==> flow/design.v <==
module ex_mult #(
  parameter integer BITS = 32,
  parameter integer SCALE = 11585,
  parameter integer RES_W = BITS + $clog2(SCALE + 1)
) (
  input  logic core_clk,
  input  logic [BITS-1:0] u,
  output logic [RES_W-1:0] res
);
  logic [BITS-1:0] u_s;
  always_ff @(posedge core_clk)
    u_s <= u;
  always_ff @(posedge core_clk)
    res <= u_s * SCALE;
endmodule
# [Tool chain data of ex_mult]
# Tool output for the design above, in the order of the flow.
# Line numbers count from 1 in the design file above.
# Not given: --
[design] design="ex_mult" clock="core_clk" cell_library="sky130hd" pvt_corner="tt_025C_1v80"

# [Elaborated design]
# Source: Yosys, flattened and elaborated, memories not mapped. Widths are those after wreduce; folded enables and synchronous resets count as part of the registers. Registers that Yosys merges into a memory's read port (data or address) are not register bits. Print and check cells do not count. Equal cells are merged and count once.
[bits] regBits=78 input_bits=33 word_cells=3 output_inout_bits=46
[classes] mul=1
[ops] operator="32-bit by 14-bit multiplier with 46-bit output with constant B" count=1

# [Logic depth]
# Depth = most cells in a row (Yosys ltp): at word level without a register or memory, in the mapped netlist without a sequential cell, where the memories' decode and read muxes count.
[logic_depth] depth_word=1 abc_area=0 ltp_mapped=20 ltp_nobuf=20

# [After synthesis]
# Yosys stat after the flow's synthesis: flattened, memories mapped to cells. It holds for the ABC_AREA given above (unset counts as 0); a run with the other value may have another netlist.
# Totals and module areas in this step are rounded.
[mapped] cell_count=811 buf_cells=5 flip_flops=78 area_um2=8260 sequential_area_um2=1560
[types] cell="sky130_fd_sc_hd__ha_1" count=178 type_area_um2=2.23E+03
[types] cell="sky130_fd_sc_hd__fa_1" count=93 type_area_um2=1.86E+03
[types] cell="sky130_fd_sc_hd__dfxtp_1" count=78 type_area_um2=1.56E+03
[types] cell="sky130_fd_sc_hd__inv_1" count=181 type_area_um2=679.402
[types] cell="sky130_fd_sc_hd__xor2_1" count=44 type_area_um2=385.37
[types] cell="sky130_fd_sc_hd__a21o_1" count=31 type_area_um2=232.723
[types] cell="sky130_fd_sc_hd__xnor2_1" count=23 type_area_um2=201.443
[types] cell="sky130_fd_sc_hd__a21oi_1" count=32 type_area_um2=160.154
[types] cell="sky130_fd_sc_hd__nand2_1" count=27 type_area_um2=101.347
[types] cell="sky130_fd_sc_hd__and2_1" count=15 type_area_um2=93.84
[types] cell="sky130_fd_sc_hd__o21ai_1" count=10 type_area_um2=50.048
[types] cell="sky130_fd_sc_hd__nand3_1" count=9 type_area_um2=45.043
[types] cell="sky130_fd_sc_hd__a31oi_1" count=7 type_area_um2=43.792
[types] cell="sky130_fd_sc_hd__nor2_1" count=11 type_area_um2=41.29
[types] cell="sky130_fd_sc_hd__nand4_1" count=6 type_area_um2=37.536
[types] cell="sky130_fd_sc_hd__o21a_1" count=5 type_area_um2=37.536
[types] cell="sky130_fd_sc_hd__o21bai_1" count=5 type_area_um2=37.536
[types] cell="sky130_fd_sc_hd__and4_1" count=4 type_area_um2=35.034
# Not listed: further types 32, cells in them 52.

# [Timing after synthesis]
# OpenSTA on the mapped netlist: ideal clock, no wires. The path of least setup slack (recovery checks aside). Input and output delay are each 20% of the period. Register names are those of the netlist, which keeps one name where synthesis merged equal registers.
[synth_timing] path_kind="register to register" from="reg u_s[1]" to="reg res[37]" launch_ns=0.000 stages=19 path_delay_ns=4.887 arrival_time_ns=4.761 setup_time_ns=0.126 period_ns=6.11 n_path_buf=0 t_required_ns=5.984 path_slack_ns=1.223 period_less_setup_slack_ns=4.887
# "path_delay_ns" = arrival - input delay + setup time.
# "stages" counts driving pins, that of a launching flip-flop among them; a cell with two outputs on the path counts twice.
# "period_less_setup_slack_ns" = period - worst setup slack (recovery checks aside). The figure is calculated, with input and output delays left at 20% of the set period.
# The rows between start and end are the longest chain of elaborated cells between them; the timing report does not say that the signal goes this way. Where chains are equally long, one stands for them.
# A line is the first line of the expression or statement that the cell stems from. Yosys adds cells for indexed reads and writes and turns some case tables into memories.
[synth_via] cell_sequence="sky130_fd_sc_hd__dfxtp_1 > sky130_fd_sc_hd__ha_1 > sky130_fd_sc_hd__xor2_1 > sky130_fd_sc_hd__ha_1 > sky130_fd_sc_hd__fa_1 > sky130_fd_sc_hd__fa_1 > sky130_fd_sc_hd__ha_1 > sky130_fd_sc_hd__inv_1 > sky130_fd_sc_hd__fa_1 > sky130_fd_sc_hd__inv_1 > sky130_fd_sc_hd__ha_1 > sky130_fd_sc_hd__or2_2 > sky130_fd_sc_hd__and4b_1 > sky130_fd_sc_hd__a31oi_4 > sky130_fd_sc_hd__a211oi_4 > sky130_fd_sc_hd__o21a_4 > sky130_fd_sc_hd__o31ai_1 > sky130_fd_sc_hd__nand2_1 > sky130_fd_sc_hd__xor2_1" elab_chain_cells=1 cone_cells=1 cone_lines=1 classes_between="mul (1)"
[synth_lines] element="from (decl)" line=10 text="logic [BITS-1:0] u_s;"
[synth_lines] element="from (assign)" line=12 text="u_s <= u;"
[synth_lines] element="32-bit by 14-bit multiplier with 46-bit output" line=14 text="res <= u_s * SCALE;"
[synth_lines] element="to (assign)" line=14
[synth_lines] element="to (decl)" line=8 text="output logic [RES_W-1:0] res"

# [Timing after layout]
# Path of least setup slack in the final report of run B (OpenROAD, finished layout, wires in). Where an end is a register, its clock arrival counts in the times.
[layout_timing] path_kind="register to register" from="reg u_s[8]" to="reg res[39]" t_required_ns=6.34 n_path_buf=0 path_slack_ns=0.71 period_ns=6.11 stages=20 setup_time_ns=0.11 launch_ns=0.34 arrival_time_ns=5.64
# The rows between start and end are the longest chain of elaborated cells between them; the timing report does not say that the signal goes this way. Where chains are equally long, one stands for them.
[layout_via] cell_sequence="sky130_fd_sc_hd__dfxtp_1 > sky130_fd_sc_hd__ha_1 > sky130_fd_sc_hd__xor2_1 > sky130_fd_sc_hd__ha_1 > sky130_fd_sc_hd__a21o_1 > sky130_fd_sc_hd__fa_1 > sky130_fd_sc_hd__fa_1 > sky130_fd_sc_hd__ha_1 > sky130_fd_sc_hd__inv_1 > sky130_fd_sc_hd__fa_1 > sky130_fd_sc_hd__inv_1 > sky130_fd_sc_hd__ha_1 > sky130_fd_sc_hd__and4_4 > sky130_fd_sc_hd__o2bb2ai_2 > sky130_fd_sc_hd__a31oi_4 > sky130_fd_sc_hd__a211oi_4 > sky130_fd_sc_hd__o211ai_2 > sky130_fd_sc_hd__a211oi_2 > sky130_fd_sc_hd__o221ai_2 > sky130_fd_sc_hd__xnor2_1" elab_chain_cells=1 cone_cells=1 cone_lines=1 classes_between="mul (1)"
[layout_lines] element="from (decl)" line=10 text="logic [BITS-1:0] u_s;"
[layout_lines] element="from (assign)" line=12 text="u_s <= u;"
[layout_lines] element="32-bit by 14-bit multiplier with 46-bit output" line=14 text="res <= u_s * SCALE;"
[layout_lines] element="to (assign)" line=14
[layout_lines] element="to (decl)" line=8 text="output logic [RES_W-1:0] res"

Memo
Re: implementation data of ex_mult

Settings and measured results of 2 stored flow runs for module ex_mult (sky130hd), not sorted in any way. The constraints put input and output delay at 20% of the set period each and load the outputs with 0.01 pF.
"achieved_period_ns": clock period set for the run, less the worst setup slack. It is reckoned from that one timing run; input and output delays stay at 20% of the period that was set.
"worst_setup_path_time_ns" = time allowed to the worst setup path (clock period - input delay - output delay, where it has them) - its slack; a late launch clock adds to it, a late capture clock takes from it.
Values from the reports are rounded here.

[flow] run A: files
==> flow/run.sh <==
#!/bin/bash
# the make line also repeats the synthesis and layout settings of config.mk as NAME=value (left out here)
make -C /OpenROAD-flow-scripts/flow DESIGN_CONFIG=/design/flow/config.mk WORK_HOME=/design/flow/orfs CLKGATE_MAP_FILE= finish
==> flow/config.mk <==
export PLATFORM = sky130hd
export DESIGN_NAME = ex_mult
export DESIGN_NICKNAME = ex_mult
export VERILOG_FILES = /design/flow/design.v
export SDC_FILE = /design/flow/constraint.sdc
export NUM_CORES = 4
export LEC_CHECK = 0
export ABC_AREA = 1
export CAP_MARGIN = 20
export CELL_PAD_IN_SITES_GLOBAL_PLACEMENT = 2
export CORE_MARGIN = 3
export CORE_UTILIZATION = 60
export CTS_CLUSTER_DIAMETER = 137
export MAX_ROUTING_LAYER = met5
export PLACE_DENSITY_LB_ADDON = 0.13
export SETUP_SLACK_MARGIN = 0.26
export SLEW_MARGIN = 25
==> flow/constraint.sdc <==
create_clock -name core_clock -period 3.13 [get_ports {core_clk}]
set_input_delay 0.6260 -clock core_clock [delete_from_list [all_inputs] [get_ports {core_clk}]]
set_output_delay 0.6260 -clock core_clock [all_outputs]
set_load 0.01 [all_outputs]

[flow] run A: did not finish, placement stopped with FLW-0024

[flow] run B: files
==> flow/run.sh <==
#!/bin/bash
# the make line also repeats the synthesis and layout settings of config.mk as NAME=value (left out here)
make -C /OpenROAD-flow-scripts/flow DESIGN_CONFIG=/design/flow/config.mk WORK_HOME=/design/flow/orfs CLKGATE_MAP_FILE= finish
==> flow/config.mk <==
export PLATFORM = sky130hd
export DESIGN_NAME = ex_mult
export DESIGN_NICKNAME = ex_mult
export VERILOG_FILES = /design/flow/design.v
export SDC_FILE = /design/flow/constraint.sdc
export NUM_CORES = 4
export LEC_CHECK = 0
export CAP_MARGIN = 20
export CORE_MARGIN = 2
export CORE_UTILIZATION = 40
export SLEW_MARGIN = 20
==> flow/constraint.sdc <==
create_clock -name core_clock -period 6.11 [get_ports {core_clk}]
set_input_delay 1.2220 -clock core_clock [delete_from_list [all_inputs] [get_ports {core_clk}]]
set_output_delay 1.2220 -clock core_clock [all_outputs]
set_load 0.01 [all_outputs]

[flow] run B: metrics
[metrics] cell_area_final_um2 = 9680
[metrics] final_setup_tns_ns = 0.000
[metrics] worst_setup_path_time_ns = 5.40
[metrics] critical_path_kind = register to register
[metrics] die_um2 = 21800
[metrics] achieved_period_ns = 5.404
[metrics] synth_area_um2 = 8260
[metrics] final_hold_ws_ns = 0.425
[metrics] worstSetupSlack_ns = 0.706
[metrics] fin_util_frac = 0.478
